==> flow/design.v <==
module mul_unit_rtl (CLK, in0, in1, out);
   parameter WD = 11;
   input CLK;
   input [WD-1:0] in0;
   input [WD-1:0] in1;
   output [WD-1:0] out;
   reg [WD-1:0] out_d1;
   always @(posedge CLK) begin
      out_d1 <= in0 * in1;
   end
   assign out = out_d1;
endmodule
Reports on mul_unit_rtl
What the tools print for mul_unit_rtl, step after step.
Line numbers count from 1 in the design file above.
{ "design": {"top": "mul_unit_rtl", "clock": "CLK", "cell_library": "sky130hd", "corner": "tt_025C_1v80"} }

Word-level counts
Counts by Yosys on the flattened word-level netlist (proc, flatten, opt, wreduce; memories kept). Register bits leave out memories and registers merged into their read ports (data or address); mux counts leave out enables and synchronous resets folded into registers. Print and check cells are left out. Cells with the same type and inputs are merged into one.
{ "op_classes": {"multipliers": 1} }
{ "ops": {"columns": ["op", "count"], "rows": [
  ["11-bit by 11-bit multiplier with 11-bit output", 1]
]} }
{ "bits": {"ff_bits": 11, "elab_cells": 2} }

Longest topological paths
Yosys ltp: most cells in a row. Word level: on the elaborated netlist, between registers, memories and ports. Mapped: between sequential cells and ports; inverters and the memories' decode and read muxes count.
{ "logic_depth": {"word_depth": 1, "ABC_AREA": 0, "ltp_mapped": 17} }

Mapped cells and area
Source: synth_stat.txt of the flow (Yosys; design flattened, memories mapped). It holds for the ABC_AREA given above (unset counts as 0); a run with the other value may have another netlist.
{ "synth_totals": {"cell_count": 231, "synth_area_mm2": 0.0020507, "seq_area_mm2": 0.0002202, "ff_cells": 11, "buf_cells": 3} }
{ "types": {"columns": ["cell", "count"], "rows": [
  ["sky130_fd_sc_hd__fa_1", 30],
  ["sky130_fd_sc_hd__ha_1", 28],
  ["sky130_fd_sc_hd__dfxtp_1", 11],
  ["sky130_fd_sc_hd__inv_1", 55],
  ["sky130_fd_sc_hd__xnor2_1", 20],
  ["sky130_fd_sc_hd__and2_1", 24],
  ["sky130_fd_sc_hd__nand2_1", 30],
  ["sky130_fd_sc_hd__and2_2", 8],
  ["sky130_fd_sc_hd__xor2_1", 4],
  ["sky130_fd_sc_hd__nand2_2", 4],
  ["sky130_fd_sc_hd__o21a_1", 3],
  ["sky130_fd_sc_hd__xnor2_2", 1],
  ["sky130_fd_sc_hd__a21o_1", 2],
  ["sky130_fd_sc_hd__a21oi_1", 3],
  ["sky130_fd_sc_hd__buf_4", 1],
  ["sky130_fd_sc_hd__clkbuf_1", 2],
  ["sky130_fd_sc_hd__o21bai_1", 1],
  ["sky130_fd_sc_hd__or4_1", 1]
]} }
Other cell types: 3; their cells: 3.

Worst setup path after synthesis
Path of least setup slack by OpenSTA after synthesis, without wires, with an ideal clock, recovery checks aside; 20% of the period is set as input and as output delay. Where synthesis merged equal registers, the netlist keeps one of their names.
{ "synth_timing": {"path_type": "in2reg", "from": "in in1[2]", "to": "reg out_d1[10]", "period_ns": 6.08, "input_delay_ns": 1.216, "setup_time_ns": 0.072, "launch_ns": 1.216, "arrival_ns": 5.037, "slack_ns": 0.971, "delay_ns": 3.893, "driving_pins": 16, "path_buffers": 1, "synth_period_reached_ns": 5.109} }
"delay_ns" is the arrival time less input delay plus setup time.
"driving_pins": output pins that drive a net of the path, with the launching flip-flop's if there is one; two outputs of one cell count as two.
"synth_period_reached_ns" is the clock period less the worst setup slack; recovery checks do not enter. This is arithmetic on one report: input and output delays are still those of the set period (20% each).
Between the ends stands the longest chain of elaborated cells between them, by number of cells; it is not shown to be the way that was timed. Of several equally long chains one is given.
Each line given opens the expression or statement behind the cell; cells for indexed reads and writes are added by Yosys, which also makes memories of some case tables.
{ "synth_between": {"cell_sequence": "sky130_fd_sc_hd__buf_4 sky130_fd_sc_hd__nand2_1 sky130_fd_sc_hd__fa_1 sky130_fd_sc_hd__inv_1 sky130_fd_sc_hd__fa_1 sky130_fd_sc_hd__inv_1 sky130_fd_sc_hd__fa_1 sky130_fd_sc_hd__inv_1 sky130_fd_sc_hd__fa_1 sky130_fd_sc_hd__inv_1 sky130_fd_sc_hd__fa_1 sky130_fd_sc_hd__inv_1 sky130_fd_sc_hd__ha_1 sky130_fd_sc_hd__or4_1 sky130_fd_sc_hd__o22ai_1 sky130_fd_sc_hd__xnor2_1", "elab_chain_len": 1, "cone_cells": 1} }
{ "synth_lines": {"columns": ["item", "line", "text"], "rows": [
  ["start: declaration", 5, "input [WD-1:0] in1;"],
  ["11-bit by 11-bit multiplier with 11-bit output", 9, "out_d1 <= in0 * in1;"],
  ["end: assignment", 9, null],
  ["end: declaration", 7, "reg [WD-1:0] out_d1;"]
]} }

Timing after layout
Path of least setup slack in the final report of run 1 (OpenROAD, finished layout, wires in). Where an end is a register, its clock arrival counts in the times.
{ "layout_timing": {"path_type": "in2reg", "from": "in in1[3]", "to": "reg out_d1[10]", "period_ns": 7.11, "input_delay_ns": 1.42, "setup_time_ns": 0.07, "launch_ns": 1.42, "arrival_ns": 6.02, "slack_ns": 1.30, "driving_pins": 16, "path_buffers": 1} }
Between the ends stands the longest chain of elaborated cells between them, by number of cells; it is not shown to be the way that was timed. Of several equally long chains one is given.
{ "layout_between": {"cell_sequence": "sky130_fd_sc_hd__clkdlybuf4s50_1 sky130_fd_sc_hd__nand2_1 sky130_fd_sc_hd__fa_1 sky130_fd_sc_hd__inv_1 sky130_fd_sc_hd__fa_1 sky130_fd_sc_hd__inv_1 sky130_fd_sc_hd__fa_1 sky130_fd_sc_hd__inv_1 sky130_fd_sc_hd__fa_1 sky130_fd_sc_hd__inv_1 sky130_fd_sc_hd__fa_1 sky130_fd_sc_hd__inv_1 sky130_fd_sc_hd__ha_1 sky130_fd_sc_hd__or4_1 sky130_fd_sc_hd__o22ai_1 sky130_fd_sc_hd__xnor2_1", "elab_chain_len": 1, "cone_cells": 1} }
{ "layout_lines": {"columns": ["item", "line", "text"], "rows": [
  ["start: declaration", 5, "input [WD-1:0] in1;"],
  ["11-bit by 11-bit multiplier with 11-bit output", 9, "out_d1 <= in0 * in1;"],
  ["end: assignment", 9, null],
  ["end: declaration", 7, "reg [WD-1:0] out_d1;"]
]} }

# Flow runs of mul_unit_rtl

Flow measurements of mul_unit_rtl on sky130hd: 3 stored runs with different settings, listed in no order. Input and output delays are each 20% of the period that was set; the output load is 0.01 pF.
"timing.achieved_period_ns": clock period set for the run, less the worst setup slack. It is reckoned from that one timing run; input and output delays stay at 20% of the period that was set.
By "timing.worst_path_ns" is meant the share of the clock period that the worst setup path is allowed (20% is reserved at inputs, 20% at outputs), minus its slack. Clock arrival times at its registers enter into it.
"fin_power_w" rests on the timing tool's default activity at the inputs, not on a simulated workload.
[
  {
    "run": "run 1",
    "settings": { "period_ns": 7.11, "CORE_UTILIZATION": 60, "SETUP_SLACK_MARGIN": 0.71, "PLACE_DENSITY": 0.53, "CELL_PAD_IN_SITES_GLOBAL_PLACEMENT": 1, "CTS_CLUSTER_SIZE": 66, "SLEW_MARGIN": 25, "MAX_ROUTING_LAYER": "met4", "CAP_MARGIN": 20, "CORE_MARGIN": 2 },
    "results": { "synth_area_mm2": 0.0020507, "fin_power_w": 0.0006045, "die_mm2": 0.0039012, "hold_worst_slack_ns": 2.027, "timing.achieved_period_ns": 5.813, "finish.stdcell_area_mm2": 0.0024498, "setup_tns_ns": 0.000, "timing.worst_path_ns": 4.39, "worst_path_kind": "in2reg", "layout_utilization_frac": 0.74, "timing.setup.ws_ns": 1.297 }
  },
  {
    "run": "run 2",
    "settings": { "period_ns": 5.12, "CORE_UTILIZATION": 25, "SETUP_SLACK_MARGIN": 1.01, "PLACE_DENSITY": 0.68, "CORE_ASPECT_RATIO": 1.54, "CORE_MARGIN": 9, "ABC_AREA": 1, "GPL_TIMING_DRIVEN": 0, "CTS_CLUSTER_SIZE": 38, "CTS_CLUSTER_DIAMETER": 360, "CAP_MARGIN": 40, "SLEW_MARGIN": 30, "MIN_ROUTING_LAYER": "met1", "MAX_ROUTING_LAYER": "met4" },
    "results": { "synth_area_mm2": 0.002301, "fin_power_w": 0.001174, "die_mm2": 0.013062, "hold_worst_slack_ns": 1.192, "timing.achieved_period_ns": 4.655, "finish.stdcell_area_mm2": 0.0031981, "setup_tns_ns": 0.000, "timing.worst_path_ns": 3.63, "worst_path_kind": "in2reg", "layout_utilization_frac": 0.356, "timing.setup.ws_ns": 0.465 }
  },
  {
    "run": "run 3",
    "settings": { "period_ns": 6.08, "CAP_MARGIN": 20, "CORE_MARGIN": 2, "CORE_UTILIZATION": 40, "SLEW_MARGIN": 20 },
    "results": { "synth_area_mm2": 0.0020507, "fin_power_w": 0.0007191, "die_mm2": 0.0057154, "hold_worst_slack_ns": 1.754, "timing.achieved_period_ns": 5.573, "finish.stdcell_area_mm2": 0.0025362, "setup_tns_ns": 0.000, "timing.worst_path_ns": 4.36, "worst_path_kind": "in2reg", "layout_utilization_frac": 0.503, "timing.setup.ws_ns": 0.507 }
  }
]
